==> flow/design.v <==
module data_mux_mod #(
   parameter int WD = 10
) (
   input logic CLK,
   input logic aresetn,
   input logic [WD-1:0] d0,
   input logic [WD-1:0] d1,
   input logic [WD-1:0] d2,
   input logic [WD-1:0] d3,
   input logic [WD-1:0] d4,
   input logic [WD-1:0] d5,
   input logic [WD-1:0] d6,
   input logic [WD-1:0] d7,
   input logic [2:0] s,
   output logic [WD-1:0] z_o
);
   logic [WD-1:0] d0_ff;
   always_ff @(posedge CLK) begin
      if (~aresetn) begin
         d0_ff <= '0;
      end else begin
         d0_ff <= d0;
      end
   end
   logic [WD-1:0] d1_ff;
   always_ff @(posedge CLK) begin
      if (~aresetn) begin
         d1_ff <= '0;
      end else begin
         d1_ff <= d1;
      end
   end
   logic [WD-1:0] d2_ff;
   always_ff @(posedge CLK) begin
      if (~aresetn) begin
         d2_ff <= '0;
      end else begin
         d2_ff <= d2;
      end
   end
   logic [WD-1:0] d3_ff;
   always_ff @(posedge CLK) begin
      if (~aresetn) begin
         d3_ff <= '0;
      end else begin
         d3_ff <= d3;
      end
   end
   logic [WD-1:0] d4_ff;
   always_ff @(posedge CLK) begin
      if (~aresetn) begin
         d4_ff <= '0;
      end else begin
         d4_ff <= d4;
      end
   end
   logic [WD-1:0] d5_ff;
   always_ff @(posedge CLK) begin
      if (~aresetn) begin
         d5_ff <= '0;
      end else begin
         d5_ff <= d5;
      end
   end
   logic [WD-1:0] d6_ff;
   always_ff @(posedge CLK) begin
      if (~aresetn) begin
         d6_ff <= '0;
      end else begin
         d6_ff <= d6;
      end
   end
   logic [WD-1:0] d7_ff;
   always_ff @(posedge CLK) begin
      if (~aresetn) begin
         d7_ff <= '0;
      end else begin
         d7_ff <= d7;
      end
   end
   logic [2:0] s_ff;
   always_ff @(posedge CLK) begin
      if (~aresetn) begin
         s_ff <= '0;
      end else begin
         s_ff <= s;
      end
   end
   logic [WD-1:0] cur;
   always_comb begin
      case (s_ff)
         0: cur = d0_ff;
         1: cur = d1_ff;
         2: cur = d2_ff;
         3: cur = d3_ff;
         4: cur = d4_ff;
         5: cur = d5_ff;
         6: cur = d6_ff;
         default: cur = d7_ff;
      endcase
   end
   logic [WD-1:0] z_o_ff;
   always_ff @(posedge CLK) begin
      if (~aresetn) begin
         z_o_ff <= '0;
      end else begin
         z_o_ff <= cur;
      end
   end
   assign z_o = z_o_ff;
endmodule
---- Tool chain data of data_mux_mod ----
Tool output for the design above, in the order of the flow.
Line numbers count from 1 in the design file above.
Operators carry their Yosys type and port widths (W data, S select, Z words).
Cell names lack the library's common part.
A cell with - has no value.
set-up
  top ..................................... data_mux_mod
  clock port .............................. CLK
  standard-cell library ................... sky130hd
  timing corner ........................... tt_025C_1v80

---- Elaborated design ----
Yosys after proc, flatten, opt, wreduce and memory -nomap, before mapping. Enables and synchronous resets that opt folds into registers are not counted as muxes. Memory bits, and registers merged into a memory's read port (data or address), are not among the register bits. Print and check cells are not counted. Equal cells are merged and count once.
storage and ports
  flip-flop bits (word level) ............. 93
  bits in latches ......................... 0
  RAM bits ................................ 0
  bits in read-only memories .............. 0
  clocked read ports x word width ......... 0
  memory cells ............................ 0
  input port bits ......................... 85
  output and inout port bits .............. 10
  cells after elaboration ................. 18
cells by class
  add/sub/neg operators ................... 0
  multipliers ............................. 0
  divide/modulo/power cells ............... 0
  order comparisons ....................... 0
  equality and inequality tests ........... 6
  shift-type cells ........................ 0
  muxes and demuxes ....................... 1
  bitwise logic cells ..................... 0
  reduce/logical cells .................... 1
operator list
  kind                  count
  $pmux W10 S7          1
  $eq A3 B3 Y1 const B  3
  $eq A3 B2 Y1 const B  2
  $eq A3 B1 Y1 const B  1
  $logic_not A3 Y1      1

---- Depth ----
Longest topological path by Yosys (ltp), each cell counted once; first at word level (registers and memories cut), then after technology mapping (sequential cells cut; the memories' decode and read muxes count).
logic depth
  word-level depth ........................ 2
  ABC_AREA ................................ 0
  depth in mapped cells ................... 6

---- Synthesis result ----
The flow's flattened synthesis, as Yosys stat reports it; memories are mapped. The netlist is that of the ABC_AREA named above (0 if unset); the other value can give another one.
mapped netlist
  cell count .............................. 282
  cell area after synthesis ............... 0.0031293 mm2
  mapped flip-flops ....................... 93
  buffer cells ............................ 19
cell types
  type      count  area in all (um2)
  dfxtp_1   93     1.86E+03
  and2_1    84     525.504
  a221oi_2  7      105.101
  a21oi_1   16     80.077
  o221a_1   7      78.826
  a221oi_1  7      61.309
  a22oi_1   7      52.55
  nand2_1   13     48.797
  mux2_2    4      45.043
  clkbuf_1  11     41.29
  o21ai_0   7      35.034
  buf_4     3      22.522
  mux4_2    1      22.522
  and2b_4   2      20.019
  a41oi_1   2      17.517
  buf_2     3      15.014
  nand3b_1  2      15.014
  nor2_2    2      12.512
Not listed: further types 9, cells in them 11.

---- Path before layout ----
OpenSTA on the mapped netlist: ideal clock, no wires. The path of least setup slack (recovery checks aside). Input and output delay are each 20% of the period. Register names are those of the netlist, which keeps one name where synthesis merged equal registers.
timing path post-synthesis
  kind .................................... reg-to-reg
  from .................................... reg s_ff[0]
  to ...................................... reg z_o_ff[0]
  clock period ............................ 1580 ps
  arrival time ............................ 1143 ps
  data required time ...................... 1461 ps
  path slack .............................. 318 ps
  delay of the path ....................... 1262 ps
  stages .................................. 6
  synthesis period reached ................ 1262 ps
"delay of the path" is the arrival time less input delay plus setup time.
"stages" counts driving pins, that of a launching flip-flop among them; a cell with two outputs on the path counts twice.
"synthesis period reached" is the clock period less the worst setup slack; recovery checks do not enter. This is arithmetic on one report: input and output delays are still those of the set period (20% each).
The rows between start and end are the longest chain of elaborated cells between them; the timing report does not say that the signal goes this way. Where chains are equally long, one stands for them.
Each line given opens the expression or statement behind the cell; cells for indexed reads and writes are added by Yosys, which also makes memories of some case tables.
between the ends, post-synthesis
  path through ............................ dfxtp_1 -> buf_6 -> and2b_4 -> a221oi_2 -> a21oi_1 -> o221a_1
  cells in the longest elaborated chain ... 2
  elaborated cells on any way between the ends .. 8
  source lines of those cells ............. 1
  classes of those cells .................. eq/ne: 6; mux: 1; reduce/logical: 1
ends and longest elaborated chain, post-synthesis
  element          line  text
  start, declared  81    logic [2:0] s_ff;
  start, assigned  84    s_ff <= '0;
  start, assigned  86    s_ff <= s;
  $eq A3 B3 Y1     91    case (s_ff)
  $pmux W10 S7     91
  end, assigned    105   z_o_ff <= '0;
  end, assigned    107   z_o_ff <= cur;
  end, declared    102   logic [WD-1:0] z_o_ff;

---- Worst path after layout ----
From the final timing report of entry A: the path of least setup slack in the routed layout; clock arrival at registers is part of the times.
The path's times are printed in steps of 10 ps; the period is the one set.
timing path after layout
  kind .................................... reg-to-output
  from .................................... reg z_o_ff[9]
  to ...................................... out z_o[9]
  clock period ............................ 1580 ps
  output delay ............................ 320 ps
  arrival time ............................ 1210 ps
  data required time ...................... 1260 ps
  path slack .............................. 50 ps
  stages .................................. 2
between the ends, after layout
  path through ............................ dfxtp_1 -> clkdlybuf4s50_1
  cells in the longest elaborated chain ... 0
  elaborated cells on any way between the ends .. 0
  source lines of those cells ............. 0
ends and longest elaborated chain, after layout
  element          line  text
  start, declared  102   logic [WD-1:0] z_o_ff;
  start, assigned  105   z_o_ff <= '0;
  start, assigned  107   z_o_ff <= cur;
  end, declared    15    output logic [WD-1:0] z_o

Add stored flow runs of data_mux_mod

Stored flow runs of data_mux_mod (2 of them; Yosys, OpenROAD, sky130hd). They differ in their settings and are not a sequence. Constraints: input delay and output delay 20% of the set period each, output load 0.01 pF.
"clock period reached" means the clock period less the worst setup slack. The figure is calculated, with input and output delays left at 20% of the set period.
"time of the worst setup path" = time allowed to the worst setup path (clock period - input delay - output delay, where it has them) - its slack; a late launch clock adds to it, a late capture clock takes from it.
"total design power" rests on the timing tool's default activity at the inputs, not on a simulated workload.
"time of the worst setup path" is known to 10 ps.

---- entry A ----
settings
  period_ns = 1.58
  CAP_MARGIN = 20
  CORE_MARGIN = 2
  CORE_UTILIZATION = 40
  SLEW_MARGIN = 20
results
  netlist area reported by Yosys .......... 0.0031293 mm2
  time of the worst setup path ............ 1210 ps
  worst setup path type ................... reg-to-output
  area inside the die boundary ............ 0.008547 mm2
  final utilization ....................... 57.3%
  total design power ...................... 0.004538 W
  worst setup slack after layout .......... 52 ps
  worst-case hold slack ................... 309 ps
  final setup TNS ......................... 0 ps
  clock period reached .................... 1528 ps

---- entry B ----
settings
  period_ns = 0.804
  CORE_UTILIZATION = 46
  SETUP_SLACK_MARGIN = 0.08
  PLACE_DENSITY = 0.58
  CELL_PAD_IN_SITES_GLOBAL_PLACEMENT = 2
  CELL_PAD_IN_SITES_DETAIL_PLACEMENT = 0
  TNS_END_PERCENT = 60
  ABC_AREA = 1
  GPL_TIMING_DRIVEN = 0
  CTS_CLUSTER_DIAMETER = 120
  SLEW_MARGIN = 10
  MIN_ROUTING_LAYER = met1
  MAX_ROUTING_LAYER = met5
  CAP_MARGIN = 20
  CORE_MARGIN = 2
results
  incomplete, placement halted on GPL-0301
